==> flow/design.v <==
module storage_rtl #(
    parameter integer ENTRIES = 10,
    parameter integer DATA_WIDTH = 20,
    parameter integer AWIDTH = $clog2(ENTRIES)
) (
    input  sys_clk,
    input  clr,
    input  wr_en,
    input  [AWIDTH-1:0] waddr,
    input  [DATA_WIDTH-1:0] wd,
    input  [AWIDTH-1:0] raddr_a,
    input  [AWIDTH-1:0] raddr_b,
    output [DATA_WIDTH-1:0] dout_a,
    output [DATA_WIDTH-1:0] dout_b
);
    reg wr_en_r;
    always @(posedge sys_clk) begin
        if (clr) begin
            wr_en_r <= 1'b0;
        end else begin
            wr_en_r <= wr_en;
        end
    end
    reg [AWIDTH-1:0] waddr_r;
    always @(posedge sys_clk) begin
        if (clr) begin
            waddr_r <= 0;
        end else begin
            waddr_r <= waddr;
        end
    end
    reg [DATA_WIDTH-1:0] wd_r;
    always @(posedge sys_clk) begin
        if (clr) begin
            wd_r <= 0;
        end else begin
            wd_r <= wd;
        end
    end
    reg [DATA_WIDTH-1:0] bank [0:ENTRIES-1];
    always @(posedge sys_clk) begin
        if (wr_en_r)
            bank[waddr_r] <= wd_r;
    end
    reg [AWIDTH-1:0] raddr_a_r;
    always @(posedge sys_clk) begin
        if (clr) begin
            raddr_a_r <= 0;
        end else begin
            raddr_a_r <= raddr_a;
        end
    end
    reg [AWIDTH-1:0] raddr_b_r;
    always @(posedge sys_clk) begin
        if (clr) begin
            raddr_b_r <= 0;
        end else begin
            raddr_b_r <= raddr_b;
        end
    end
    reg [DATA_WIDTH-1:0] dout_a_r;
    always @(posedge sys_clk) begin
        if (clr) begin
            dout_a_r <= 0;
        end else begin
            dout_a_r <= (wr_en_r && waddr_r == raddr_a_r) ? wd_r : bank[raddr_a_r];
        end
    end
    assign dout_a = dout_a_r;
    reg [DATA_WIDTH-1:0] dout_b_r;
    always @(posedge sys_clk) begin
        if (clr) begin
            dout_b_r <= 0;
        end else begin
            dout_b_r <= (wr_en_r && waddr_r == raddr_b_r) ? wd_r : bank[raddr_b_r];
        end
    end
    assign dout_b = dout_b_r;
endmodule
**From RTL to reports: storage_rtl**

What the tools print for storage_rtl, step after step.
Lines are those of the file above, counted from 1.
Operators: Yosys type, input widths -> output width; for muxes data width and select width s.
Cell names lack the library's common part.
Not given: n/a

- Top: storage_rtl
- Clock port: sys_clk
- Standard-cell library: sky130hd
- Timing corner: tt_025C_1v80

**Word-level counts**

Counts by Yosys on the flattened word-level netlist (proc, flatten, opt, wreduce; memories kept). Register bits leave out memories and registers merged into their read ports (data or address); mux counts leave out enables and synchronous resets folded into registers. Print and check cells are left out. Cells with the same type and inputs are merged into one.
Memory sizes are those after Yosys's memory passes, which may raise the word count (mostly to a power of two), join words into wider ones and drop unused or constant bits.

- Register bits: 33
- Memory bits (writable): 200
- Clocked read ports x word width: 40
- Memories kept: 1
- Bits of input ports: 35
- Output and inout port bits: 40
- Word-level cells: 9

Memories:

| name | depth | bits a word | read ports | write ports | line | RTL |
|---|---|---|---|---|---|---|
| bank | 10 | 20 | 2 | 1 | 40 | `reg [DATA_WIDTH-1:0] bank [0:ENTRIES-1];` |

- Mux-type cells: 3

Operator list:

| operator | count |
|---|---|
| $mux 20 | 1 |
| $mux 4 | 1 |
| $mux 1 | 1 |

**Logic depth**

Longest topological path by Yosys (ltp), each cell counted once; first at word level (registers and memories cut), then after technology mapping (sequential cells cut; the memories' decode and read muxes count).

- Word-level depth: 1
- ABC_AREA: 0
- Mapped depth: 7
- Gate-level depth less buffers: 4

**Mapped cells and area**

The flow's flattened synthesis, as Yosys stat reports it; memories are mapped. The netlist is that of the ABC_AREA named above (0 if unset); the other value can give another one.
Totals and module areas in this step are rounded.

Cells by type:

| type | count | total area (sq um) |
|---|---|---|
| edfxtp_1 | 200 | 6,005.76 |
| dfxtp_1 | 73 | 1.46E+03 |
| mux4_2 | 42 | 945.907 |
| mux2i_1 | 76 | 760.73 |
| mux2_2 | 38 | 427.91 |
| o221ai_1 | 38 | 332.819 |
| a22oi_1 | 38 | 285.274 |
| o22ai_1 | 38 | 237.728 |
| nor2b_1 | 33 | 206.448 |
| buf_2 | 20 | 100.096 |
| nand2_1 | 25 | 93.84 |
| clkbuf_1 | 18 | 67.565 |
| buf_4 | 8 | 60.058 |
| buf_6 | 5 | 56.304 |
| mux4_1 | 2 | 52.55 |
| xor2_1 | 6 | 52.55 |
| nor2_1 | 9 | 33.782 |
| o21ai_4 | 2 | 32.531 |

Not listed: further types 15, cells in them 28.

- Cell count: 699
- Mapped area: 0.0114 sq mm
- Area of sequential cells: 0.00747 sq mm
- Mapped flip-flops: 273
- Buffers: 52

**Timing after synthesis**

Path of least setup slack by OpenSTA after synthesis, without wires, with an ideal clock, recovery checks aside; 20% of the period is set as input and as output delay. Where synthesis merged equal registers, the netlist keeps one of their names.

- Path type: reg-to-reg
- Start: register wr_en_r
- End: memory bank[0][0]
- Period: 3,460 ps
- Setup time: 422 ps
- Launch time at the first pin: 0 ps
- Arrival time: 2,343 ps
- Required time: 3,038 ps
- Slack: 695 ps
- Delay of the path: 2,765 ps
- Driving pins on the path: 4
- Path buffers: 1
- Period reached after synthesis: 2,765 ps

"delay of the path" = arrival - input delay + setup time.
"driving pins on the path": output pins that drive a net of the path, with the launching flip-flop's if there is one; two outputs of one cell count as two.
"period reached after synthesis" = period - worst setup slack (recovery checks aside). The figure is calculated, with input and output delays left at 20% of the set period.
Between the ends stands the longest chain of elaborated cells between them, by number of cells; it is not shown to be the way that was timed. Of several equally long chains one is given.
A line is the first line of the expression or statement that the cell stems from. Yosys adds cells for indexed reads and writes and turns some case tables into memories.
The path ends at the enable pin of a flip-flop; only ways to that pin are counted.

- Cells stage by stage: dfxtp_1 > buf_2 > or3b_2 > nor3_1
- Cells in the longest elaborated chain: 1
- Elaborated cells on any way between the ends: 2
- RTL lines with such cells: 1
- Classes of those cells: mux: 2

RTL lines, path post-synthesis:

| element | line | RTL |
|---|---|---|
| from (decl) | 16 | `reg wr_en_r;` |
| from (assign) | 19 | `wr_en_r <= 1'b0;` |
| from (assign) | 21 | `wr_en_r <= wr_en;` |
| $mux 4 | 42 | `if (wr_en_r)` |
| to (decl) | 40 | `reg [DATA_WIDTH-1:0] bank [0:ENTRIES-1];` |

**Timing after layout**

From the final timing report of flow run 1: the path of least setup slack in the routed layout; clock arrival at registers is part of the times.
The path's times are printed in steps of 10 ps; the period is the one set.

- Path type: reg-to-reg
- Start: register raddr_a_r[0]
- End: register dout_a_r[19]
- Period: 4,360 ps
- Setup time: 170 ps
- Launch time at the first pin: 550 ps
- Arrival time: 2,930 ps
- Required time: 4,730 ps
- Slack: 1,800 ps
- Driving pins on the path: 8
- Path buffers: 4

- Cells stage by stage: dfxtp_1 > buf_4 > buf_6 > buf_4 > nand2_1 > buf_2 > o221ai_1 > o22ai_1

RTL lines, path post-layout:

| element | line | RTL |
|---|---|---|
| from (decl) | 45 | `reg [AWIDTH-1:0] raddr_a_r;` |
| from (assign) | 48 | `raddr_a_r <= 0;` |
| from (assign) | 50 | `raddr_a_r <= raddr_a;` |
| to (decl) | 61 | `reg [DATA_WIDTH-1:0] dout_a_r;` |

No chain of elaborated cells between the ends is given.

Lab notebook: storage_rtl

Stored flow runs of storage_rtl (3 of them; Yosys, OpenROAD, sky130hd). They differ in their settings and are not a sequence. Constraints: input delay and output delay 20% of the set period each, output load 0.01 pF.
"time on the worst setup path" is the time allowed to the run's worst setup path (the clock period less input and output delay, where it has them) less its slack. Clock arrival times count: a late capture clock shortens it, a late launch clock lengthens it.
"total power of the final layout": no workload was simulated; the value follows from the tool's default switching activity.
"time on the worst setup path" is given in steps of 10 ps.
Results are given in rounded form.
Settings: n/a = not set for that run.

| item | flow run 1 | flow run 2 | flow run 3 |
|---|---|---|---|
| period_ns | 4.36 | 3.46 | 4.39 |
| CORE_UTILIZATION | 55 | 40 | 19 |
| SETUP_SLACK_MARGIN | 0.93 | n/a | n/a |
| CELL_PAD_IN_SITES_DETAIL_PLACEMENT | 1 | n/a | n/a |
| GPL_TIMING_DRIVEN | 0 | n/a | n/a |
| GPL_ROUTABILITY_DRIVEN | 0 | n/a | 0 |
| CTS_CLUSTER_DIAMETER | 180 | n/a | 222 |
| MAX_ROUTING_LAYER | met4 | n/a | n/a |
| CAP_MARGIN | 20 | 20 | 20 |
| CORE_MARGIN | 2 | 2 | 2 |
| SLEW_MARGIN | 20 | 20 | 40 |
| PLACE_DENSITY_LB_ADDON | n/a | n/a | 0.01 |
| CORE_ASPECT_RATIO | n/a | n/a | 1.25 |
| ABC_AREA | n/a | n/a | 1 |
| CTS_CLUSTER_SIZE | n/a | n/a | 28 |
| post-layout utilization (%) | 67.6 | 48.2 | 22.4 |
| smallest hold slack (ps) | 616 | 611 | 637 |
| synthesis area (sq mm) | 0.0114 | 0.0114 | 0.013 |
| time on the worst setup path (ps) | 2,560 | 2,410 | 1,610 |
| critical path type | reg-to-reg | reg-to-reg | reg-to-output |
| total power of the final layout (uW) | 5,830 | 7,190 | 5,140 |
| lowest setup slack (ps) | 1,800 | 1,050 | 1,900 |
| die outline area (sq mm) | 0.0219 | 0.0298 | 0.0704 |
| standard-cell area after routing (sq mm) | 0.0137 | 0.0135 | 0.0152 |
| total negative setup slack (ps) | 0 | 0 | 0 |
